==> flow/design.v <==
module sync_addsub_mod #(
    parameter integer W = 6
) (
    input  logic clk_i,
    input  logic rst_ni,
    input  logic valid,
    input  logic signed [W-1:0] arg0,
    input  logic signed [W-1:0] arg1,
    input  logic mode,
    output logic [W-1:0] q,
    output logic cy
);
    logic signed [W-1:0] arg0_reg;
    logic signed [W-1:0] arg1_reg;
    logic mode_reg;
    always_ff @(posedge clk_i or negedge rst_ni) begin
        if (!rst_ni) begin
            arg0_reg <= 0;
            arg1_reg <= 0;
            mode_reg <= 1'b0;
        end else if (valid) begin
            arg0_reg <= arg0;
            arg1_reg <= arg1;
            mode_reg <= mode;
        end
    end
    logic [W-1:0] w2;
    assign w2 = arg1_reg ^ {W{mode_reg}};
    logic [W-1:0] cur;
    assign cur = $unsigned(arg0_reg) + w2 + mode_reg;
    assign q = cur[W-1:0];
    assign cy = (arg0_reg[W-1] == w2[W-1]) && (cur[W-1] != arg0_reg[W-1]);
endmodule
Step by step through the tools: sync_addsub_mod
What the tools print for sync_addsub_mod, step after step.
Line numbers count from 1 in the design file above.
{ "setup": {"top": "sync_addsub_mod", "clock": "clk_i", "lib": "sky130hd", "lib_corner": "tt_025C_1v80"} }

Elaborated design
Counts by Yosys on the flattened word-level netlist (proc, flatten, opt, wreduce; memories kept). Register bits leave out memories and registers merged into their read ports (data or address); mux counts leave out enables and synchronous resets folded into registers. Print and check cells are left out. Cells with the same type and inputs are merged into one.
{ "bits": {"input_bits": 16, "elab_cells": 9, "reg_bits": 13, "output_inout_bits": 7} }
{ "classes": {"bitwise": 1, "eq_ne": 2, "reduce_logical": 1, "n_addsub": 2} }
{ "ops": {"columns": ["op", "count"], "rows": [
  ["adder 6 x 1 -> 6 bit", 1],
  ["adder 6 bit", 1],
  ["XOR 6 bit", 1],
  ["== test 1 bit", 1],
  ["inequality test 1 bit", 1],
  ["logical AND 1 bit", 1]
]} }

Longest topological paths
Longest topological path by Yosys (ltp), each cell counted once; first at word level (registers and memories cut), then after technology mapping (sequential cells cut; the memories' decode and read muxes count).
{ "logic_depth": {"word_depth": 5, "ABC_AREA": 0, "ltp_mapped": 8, "ltp_nobuf": 7} }

After synthesis
The flow's flattened synthesis, as Yosys stat reports it; memories are mapped. The netlist is that of the ABC_AREA named above (0 if unset); the other value can give another one.
Totals and module areas in this step are rounded.
{ "synth_totals": {"mapped_cells": 63, "ffs": 13, "yosys_area_um2": 770, "n_buf": 2, "seqArea_um2": 330} }
{ "by_type": {"columns": ["type", "count", "type_area_um2"], "rows": [
  ["sky130_fd_sc_hd__dfrtp_1", 13, 325.312],
  ["sky130_fd_sc_hd__mux2_2", 13, 146.39],
  ["sky130_fd_sc_hd__xor2_1", 7, 61.309],
  ["sky130_fd_sc_hd__ha_1", 4, 50.048],
  ["sky130_fd_sc_hd__xnor2_1", 3, 26.275],
  ["sky130_fd_sc_hd__a31oi_4", 1, 21.27],
  ["sky130_fd_sc_hd__fa_1", 1, 20.019],
  ["sky130_fd_sc_hd__inv_1", 5, 18.768],
  ["sky130_fd_sc_hd__a21oi_1", 3, 15.014],
  ["sky130_fd_sc_hd__and3_4", 1, 11.261],
  ["sky130_fd_sc_hd__buf_6", 1, 11.261],
  ["sky130_fd_sc_hd__nand2_1", 3, 11.261],
  ["sky130_fd_sc_hd__mux2i_1", 1, 10.01],
  ["sky130_fd_sc_hd__o21ai_0", 2, 10.01],
  ["sky130_fd_sc_hd__a21o_1", 1, 7.507],
  ["sky130_fd_sc_hd__and2_1", 1, 6.256],
  ["sky130_fd_sc_hd__nand2b_1", 1, 6.256],
  ["sky130_fd_sc_hd__or2_0", 1, 6.256],
  ["sky130_fd_sc_hd__buf_2", 1, 5.005]
]} }

Worst setup path after synthesis
Source: OpenSTA report_checks on the synthesized netlist (no wires, ideal clock, input and output delay 20% of the period each), path of least setup slack; recovery checks are left aside. Register names are those of the netlist, which keeps one name where synthesis merged equal registers.
{ "synth_path": {"path_type": "reg-to-output", "startpoint": "register mode_reg", "endpoint": "output port cy", "driving_pins": 8, "output_delay_ps": 550, "path_delay_ps": 1763, "arrival_time_ps": 1763, "period_ps": 2750, "t_first_pin_ps": 0, "n_path_buf": 1, "setup_slack_ps": 437, "required_ps": 2200, "synth_period_reached_ps": 2313} }
"path_delay_ps" = arrival - input delay + setup time.
A path that ends at an output port has no setup time.
"driving_pins": output pins that drive a net of the path, with the launching flip-flop's if there is one; two outputs of one cell count as two.
"synth_period_reached_ps" is the clock period less the worst setup slack; recovery checks do not enter. This is arithmetic on one report: input and output delays are still those of the set period (20% each).
Between the ends stands the longest chain of elaborated cells between them, by number of cells; it is not shown to be the way that was timed. Of several equally long chains one is given.
Each line given opens the expression or statement behind the cell; cells for indexed reads and writes are added by Yosys, which also makes memories of some case tables.
{ "synth_via": {"path_cell_list": "sky130_fd_sc_hd__dfrtp_1 sky130_fd_sc_hd__buf_6 sky130_fd_sc_hd__xor2_1 sky130_fd_sc_hd__ha_1 sky130_fd_sc_hd__a21oi_1 sky130_fd_sc_hd__o21ai_0 sky130_fd_sc_hd__a31oi_4 sky130_fd_sc_hd__mux2i_1", "elab_chain_cells": 5, "cells_between": 6, "cone_lines": 3, "cone_classes": "add/sub: 2; eq/ne: 2; logic: 1; reduce/logical: 1"} }
{ "synth_rtl": {"columns": ["element", "line_no", "rtl"], "rows": [
  ["start, declared", 15, "logic mode_reg;"],
  ["start, assigned", 20, "mode_reg <= 1'b0;"],
  ["start, assigned", 24, "mode_reg <= mode;"],
  ["XOR 6 bit", 28, "assign w2 = arg1_reg ^ {W{mode_reg}};"],
  ["adder 6 bit", 30, "assign cur = $unsigned(arg0_reg) + w2 + mode_reg;"],
  ["adder 6 x 1 -> 6 bit", 30, null],
  ["inequality test 1 bit", 32, "assign cy = (arg0_reg[W-1] == w2[W-1]) && (cur[W-1] != arg0_reg[W-1]);"],
  ["logical AND 1 bit", 32, null],
  ["end, declared", 11, "output logic cy"]
]} }

Timing after layout
Path of least setup slack in the final report of job 1 (OpenROAD, finished layout, wires in). Where an end is a register, its clock arrival counts in the times.
The path's times are printed in steps of 10 ps; the period is the one set.
{ "layout_path": {"path_type": "reg-to-output", "startpoint": "register mode_reg", "endpoint": "output port cy", "n_path_buf": 4, "period_ps": 2750, "driving_pins": 9, "required_ps": 2200, "arrival_time_ps": 2060, "setup_slack_ps": 140, "t_first_pin_ps": 270, "output_delay_ps": 550} }
Between the ends stands the longest chain of elaborated cells between them, by number of cells; it is not shown to be the way that was timed. Of several equally long chains one is given.
{ "layout_via": {"path_cell_list": "sky130_fd_sc_hd__dfrtp_1 sky130_fd_sc_hd__buf_4 sky130_fd_sc_hd__buf_4 sky130_fd_sc_hd__xor2_1 sky130_fd_sc_hd__ha_1 sky130_fd_sc_hd__buf_4 sky130_fd_sc_hd__a31oi_4 sky130_fd_sc_hd__mux2i_1 sky130_fd_sc_hd__buf_2", "elab_chain_cells": 5, "cells_between": 6, "cone_lines": 3, "cone_classes": "add/sub: 2; eq/ne: 2; logic: 1; reduce/logical: 1"} }
{ "layout_rtl": {"columns": ["element", "line_no", "rtl"], "rows": [
  ["start, declared", 15, "logic mode_reg;"],
  ["start, assigned", 20, "mode_reg <= 1'b0;"],
  ["start, assigned", 24, "mode_reg <= mode;"],
  ["XOR 6 bit", 28, "assign w2 = arg1_reg ^ {W{mode_reg}};"],
  ["adder 6 bit", 30, "assign cur = $unsigned(arg0_reg) + w2 + mode_reg;"],
  ["adder 6 x 1 -> 6 bit", 30, null],
  ["inequality test 1 bit", 32, "assign cy = (arg0_reg[W-1] == w2[W-1]) && (cur[W-1] != arg0_reg[W-1]);"],
  ["logical AND 1 bit", 32, null],
  ["end, declared", 11, "output logic cy"]
]} }

--- measured runs ---
Stored flow runs of sync_addsub_mod (3 of them; Yosys, OpenROAD, sky130hd). They differ in their settings and are not a sequence. Constraints: input delay and output delay 20% of the set period each, output load 0.01 pF.
"clock_period_reached_ps": clock period set for the run, less the worst setup slack. It is reckoned from that one timing run; input and output delays stay at 20% of the period that was set.
"worst_path_ps" = time allowed to the worst setup path (clock period - input delay - output delay, where it has them) - its slack; a late launch clock adds to it, a late capture clock takes from it.
"power.total_mw" is the tool's figure for a default switching activity; nothing was simulated.
"worst_path_ps" is known to 10 ps.
Values from the reports are rounded here.

Job 1
==> flow/run.sh <==
#!/bin/bash
# the make line also repeats the synthesis and layout settings of config.mk as NAME=value (left out here)
make -C /OpenROAD-flow-scripts/flow DESIGN_CONFIG=/design/flow/config.mk WORK_HOME=/design/flow/orfs CLKGATE_MAP_FILE= finish
==> flow/config.mk <==
export PLATFORM = sky130hd
export DESIGN_NAME = sync_addsub_mod
export DESIGN_NICKNAME = sync_addsub_mod
export VERILOG_FILES = /design/flow/design.v
export SDC_FILE = /design/flow/constraint.sdc
export NUM_CORES = 4
export LEC_CHECK = 0
export CAP_MARGIN = 20
export CORE_MARGIN = 2
export CORE_UTILIZATION = 40
export SLEW_MARGIN = 20
==> flow/constraint.sdc <==
create_clock -name core_clock -period 2.75 [get_ports {clk_i}]
set_input_delay 0.5500 -clock core_clock [delete_from_list [all_inputs] [get_ports {clk_i}]]
set_output_delay 0.5500 -clock core_clock [all_outputs]
set_load 0.01 [all_outputs]

==> results of job 1, as JSON <==
{
  "power.total_mw": 0.65,
  "design_die_area_um2": 2300,
  "clock_period_reached_ps": 2613,
  "synthArea_um2": 770,
  "ws_setup_ps": 140,
  "util_pct": 61,
  "worst_path_ps": 2060,
  "critical_path_kind": "reg-to-output",
  "final_cell_area_um2": 1100,
  "final_setup_tns_ps": 0
}

Job 2
==> flow/run.sh <==
#!/bin/bash
# the make line also repeats the synthesis and layout settings of config.mk as NAME=value (left out here)
make -C /OpenROAD-flow-scripts/flow DESIGN_CONFIG=/design/flow/config.mk WORK_HOME=/design/flow/orfs CLKGATE_MAP_FILE= finish
==> flow/config.mk <==
export PLATFORM = sky130hd
export DESIGN_NAME = sync_addsub_mod
export DESIGN_NICKNAME = sync_addsub_mod
export VERILOG_FILES = /design/flow/design.v
export SDC_FILE = /design/flow/constraint.sdc
export NUM_CORES = 4
export LEC_CHECK = 0
export CAP_MARGIN = 20
export CELL_PAD_IN_SITES_DETAIL_PLACEMENT = 0
export CORE_MARGIN = 3
export CORE_UTILIZATION = 18
export SETUP_SLACK_MARGIN = 0.52
export SLEW_MARGIN = 35
export TNS_END_PERCENT = 25
==> flow/constraint.sdc <==
create_clock -name core_clock -period 1.9 [get_ports {clk_i}]
set_input_delay 0.3800 -clock core_clock [delete_from_list [all_inputs] [get_ports {clk_i}]]
set_output_delay 0.3800 -clock core_clock [all_outputs]
set_load 0.01 [all_outputs]

==> results of job 2, as JSON <==
{
  "power.total_mw": 1.1,
  "design_die_area_um2": 5100,
  "clock_period_reached_ps": 2417,
  "synthArea_um2": 770,
  "ws_setup_ps": -520,
  "util_pct": 31,
  "worst_path_ps": 2040,
  "critical_path_kind": "reg-to-output",
  "final_cell_area_um2": 1300,
  "final_setup_tns_ps": -2200
}

Job 3
==> flow/run.sh <==
#!/bin/bash
# the make line also repeats the synthesis and layout settings of config.mk as NAME=value (left out here)
make -C /OpenROAD-flow-scripts/flow DESIGN_CONFIG=/design/flow/config.mk WORK_HOME=/design/flow/orfs CLKGATE_MAP_FILE= finish
==> flow/config.mk <==
export PLATFORM = sky130hd
export DESIGN_NAME = sync_addsub_mod
export DESIGN_NICKNAME = sync_addsub_mod
export VERILOG_FILES = /design/flow/design.v
export SDC_FILE = /design/flow/constraint.sdc
export NUM_CORES = 4
export LEC_CHECK = 0
export CAP_MARGIN = 20
export CORE_MARGIN = 3
export CORE_UTILIZATION = 38
export CTS_CLUSTER_DIAMETER = 100
export GPL_ROUTABILITY_DRIVEN = 1
export PLACE_DENSITY = 0.49
export SLEW_MARGIN = 20
export TNS_END_PERCENT = 30
==> flow/constraint.sdc <==
create_clock -name core_clock -period 2.87 [get_ports {clk_i}]
set_input_delay 0.5740 -clock core_clock [delete_from_list [all_inputs] [get_ports {clk_i}]]
set_output_delay 0.5740 -clock core_clock [all_outputs]
set_load 0.01 [all_outputs]

==> results of job 3, as JSON <==
{
  "power.total_mw": 0.63,
  "design_die_area_um2": 2600,
  "clock_period_reached_ps": 2741,
  "synthArea_um2": 770,
  "ws_setup_ps": 130,
  "util_pct": 58,
  "worst_path_ps": 2170,
  "critical_path_kind": "reg-to-output",
  "final_cell_area_um2": 1100,
  "final_setup_tns_ps": 0
}
--- end ---
